==> flow/design.v <==
module dp_mplex #(
   parameter int DATA_WIDTH = 2
) (
   input logic aclk,
   input logic resetn,
   input logic [DATA_WIDTH-1:0] src0,
   input logic [DATA_WIDTH-1:0] src1,
   input logic [DATA_WIDTH-1:0] src2,
   input logic [DATA_WIDTH-1:0] src3,
   input logic [DATA_WIDTH-1:0] src4,
   input logic [DATA_WIDTH-1:0] src5,
   input logic [4:0] s,
   output logic [DATA_WIDTH-1:0] data_out
);
   logic [DATA_WIDTH-1:0] src0_r;
   logic [DATA_WIDTH-1:0] src1_r;
   logic [DATA_WIDTH-1:0] src2_r;
   logic [DATA_WIDTH-1:0] src3_r;
   logic [DATA_WIDTH-1:0] src4_r;
   logic [DATA_WIDTH-1:0] src5_r;
   logic [4:0] s_r;
   always_ff @(posedge aclk) begin
      if (~resetn) begin
         src0_r <= 0;
         src1_r <= 0;
         src2_r <= 0;
         src3_r <= 0;
         src4_r <= 0;
         src5_r <= 0;
         s_r <= 0;
      end else begin
         src0_r <= src0;
         src1_r <= src1;
         src2_r <= src2;
         src3_r <= src3;
         src4_r <= src4;
         src5_r <= src5;
         s_r <= s;
      end
   end
   logic [DATA_WIDTH-1:0] work;
   always_comb begin
      casez (s_r)
         5'b????1: work = src0_r;
         5'b???10: work = src1_r;
         5'b??100: work = src2_r;
         5'b?1000: work = src3_r;
         5'b10000: work = src4_r;
         default: work = src5_r;
      endcase
   end
   always_ff @(posedge aclk) begin
      if (~resetn) begin
         data_out <= 0;
      end else begin
         data_out <= work;
      end
   end
endmodule
From RTL to reports: dp_mplex
The steps from the RTL of dp_mplex to its reports follow in flow order.
Lines are those of the file above, counted from 1.
Operators carry their Yosys type and port widths (W data, S select, Z words).
Library cell names are shortened.
Not given: --
- design top: dp_mplex
- clock input: aclk
- standard-cell library: sky130hd
- library corner: tt_025C_1v80

Elaborated design
Counts by Yosys on the flattened word-level netlist (proc, flatten, opt, wreduce; memories kept). Register bits leave out memories and registers merged into their read ports (data or address); mux counts leave out enables and synchronous resets folded into registers. Print and check cells are left out. Cells with the same type and inputs are merged into one.
- input bits: 19
- noted elaborated cells: 13
- noted bits in registers: 19
- equal/unequal tests: 4
- muxes and demuxes at 1
- operators with widths (cell ; count):
    $pmux W2 S5 ; 1
    $eq A5 B5 Y1 const B ; 1
    $eq A4 B4 Y1 const B ; 1
    $eq A3 B3 Y1 const B ; 1
    $eq A2 B2 Y1 const B ; 1

Longest topological paths
Longest topological path by Yosys (ltp), each cell counted once; first at word level (registers and memories cut), then after technology mapping (sequential cells cut; the memories' decode and read muxes count).
- noted word-level depth: 2
- ABC_AREA: 0
- depth in mapped cells at 3

Mapped cells and area
The flow's flattened synthesis, as Yosys stat reports it; memories are mapped. The netlist is that of the ABC_AREA named above (0 if unset); the other value can give another one.
The area totals of this step are shown rounded.
- cells by type (type ; count ; area in all (um2)):
    dfxtp_1 ; 19 ; 380.365
    and2_1 ; 17 ; 106.352
    nor2b_1 ; 4 ; 25.024
    o221a_1 ; 2 ; 22.522
    a21oi_1 ; 4 ; 20.019
    nand3b_1 ; 2 ; 15.014
    nor3b_1 ; 2 ; 15.014
    or3_4 ; 1 ; 11.261
    nor3_1 ; 2 ; 10.01
    or3_1 ; 1 ; 6.256
    clkbuf_1 ; 1 ; 3.754
- noted mapped area: 616 um2
- mapped flip-flops at 19
- cells in the netlist: 55

Worst setup path after synthesis
Path of least setup slack by OpenSTA after synthesis, without wires, with an ideal clock, recovery checks aside; 20% of the period is set as input and as output delay. Where synthesis merged equal registers, the netlist keeps one of their names.
- path kind: register to register
- start: register s_r[1]
- end: register data_out[1]
- noted path slack: 0.342 ns
- launch time at the first pin at 0.000 ns
- noted path delay: 1.369 ns
- arrival time at 1.250 ns
- noted library setup time: 0.119 ns
- period: 1.71 ns
- noted data required time: 1.591 ns
- noted driving pins on the path: 4
- synthesis period reached: 1.368 ns
"path delay" is the arrival time less input delay plus setup time.
"driving pins on the path": output pins that drive a net of the path, with the launching flip-flop's if there is one; two outputs of one cell count as two.
"synthesis period reached" = period - worst setup slack (recovery checks aside). The figure is calculated, with input and output delays left at 20% of the set period.
Between the ends stands the longest chain of elaborated cells between them, by number of cells; it is not shown to be the way that was timed. Of several equally long chains one is given.
A line is the first line of the expression or statement that the cell stems from. Yosys adds cells for indexed reads and writes and turns some case tables into memories.
- cells stage by stage: dfxtp_1 or3_4 or3_1 o221a_1
- noted cells in the longest elaborated chain: 2
- elaborated cells between the ends (all ways) at 5
- those cells by class: eq/ne (4); mux (1)
- ends and longest elaborated chain, after synthesis (item ; RTL line ; text):
    start, declared ; 21 ; logic [4:0] s_r;
    start, assigned ; 30 ; s_r <= 0;
    start, assigned ; 38 ; s_r <= s;
    $eq A5 B5 Y1 ; 43 ; casez (s_r)
    $pmux W2 S5 ; 43 ;
    end, assigned ; 54 ; data_out <= 0;
    end, assigned ; 56 ; data_out <= work;
    end, declared ; 13 ; output logic [DATA_WIDTH-1:0] data_out

Timing after layout
Path of least setup slack in the final report of entry A (OpenROAD, finished layout, wires in). Where an end is a register, its clock arrival counts in the times.
- path kind: register to register
- start: register s_r[1]
- end: register data_out[1]
- noted driving pins on the path: 4
- noted path slack: -0.38 ns
- period: 1.01 ns
- noted library setup time: 0.10 ns
- noted data required time: 1.20 ns
- launch time at the first pin at 0.29 ns
- arrival time at 1.58 ns
Between the ends stands the longest chain of elaborated cells between them, by number of cells; it is not shown to be the way that was timed. Of several equally long chains one is given.
- cells stage by stage: dfxtp_2 or3_4 or3_4 o221a_1
- noted cells in the longest elaborated chain: 2
- elaborated cells between the ends (all ways) at 5
- those cells by class: eq/ne (4); mux (1)
- ends and longest elaborated chain, post-layout (item ; RTL line ; text):
    start, declared ; 21 ; logic [4:0] s_r;
    start, assigned ; 30 ; s_r <= 0;
    start, assigned ; 38 ; s_r <= s;
    $eq A5 B5 Y1 ; 43 ; casez (s_r)
    $pmux W2 S5 ; 43 ;
    end, assigned ; 54 ; data_out <= 0;
    end, assigned ; 56 ; data_out <= work;
    end, declared ; 13 ; output logic [DATA_WIDTH-1:0] data_out

FLOW RESULTS
============

3 stored runs of dp_mplex in the flow (synthesis by Yosys, layout by OpenROAD, sky130hd cells), in arbitrary order. Constraints: input delay and output delay 20% of the set period each, output load 0.01 pF.
"worst setup path time": the worst setup path's part of the clock period (all of it between registers, 20% less for each end at a port) less its slack. A launch clock that arrives late makes it longer, a capture clock that arrives late makes it shorter.
Measured values are rounded.

Entry A
Settings were period_ns = 1.01; CORE_UTILIZATION = 38; SETUP_SLACK_MARGIN = 0.29; PLACE_DENSITY_LB_ADDON = 0.19; CORE_MARGIN = 7; GPL_ROUTABILITY_DRIVEN = 1; CTS_CLUSTER_SIZE = 55; CTS_CLUSTER_DIAMETER = 39; CAP_MARGIN = 10; SLEW_MARGIN = 5
- noted the worst setup slack after layout: -0.379 ns
- noted the utilization after routing: 60.7%
- noted the lowest hold slack: 0.419 ns
- noted the mapped cell area after synthesis: 616 um2
- worst setup path time at 1.39 ns
- worst setup path type: register to register
- noted the die area: 2940 um2

Entry B
Settings were period_ns = 1.32; CORE_UTILIZATION = 43; SETUP_SLACK_MARGIN = 0.39; CELL_PAD_IN_SITES_GLOBAL_PLACEMENT = 1; CTS_CLUSTER_DIAMETER = 304; CAP_MARGIN = 35; CORE_MARGIN = 2; SLEW_MARGIN = 20
- noted the worst setup slack after layout: -0.038 ns
- noted the utilization after routing: 68.3%
- noted the lowest hold slack: 0.509 ns
- noted the mapped cell area after synthesis: 616 um2
- worst setup path time at 1.36 ns
- worst setup path type: register to register
- noted the die area: 1750 um2

Entry C
Settings were period_ns = 1.71; CAP_MARGIN = 20; CORE_MARGIN = 2; CORE_UTILIZATION = 40; SLEW_MARGIN = 20
- noted the worst setup slack after layout: 0.240 ns
- noted the utilization after routing: 58.9%
- noted the lowest hold slack: 0.507 ns
- noted the mapped cell area after synthesis: 616 um2
- worst setup path time at 1.13 ns
- worst setup path type: register to output
- noted the die area: 1870 um2
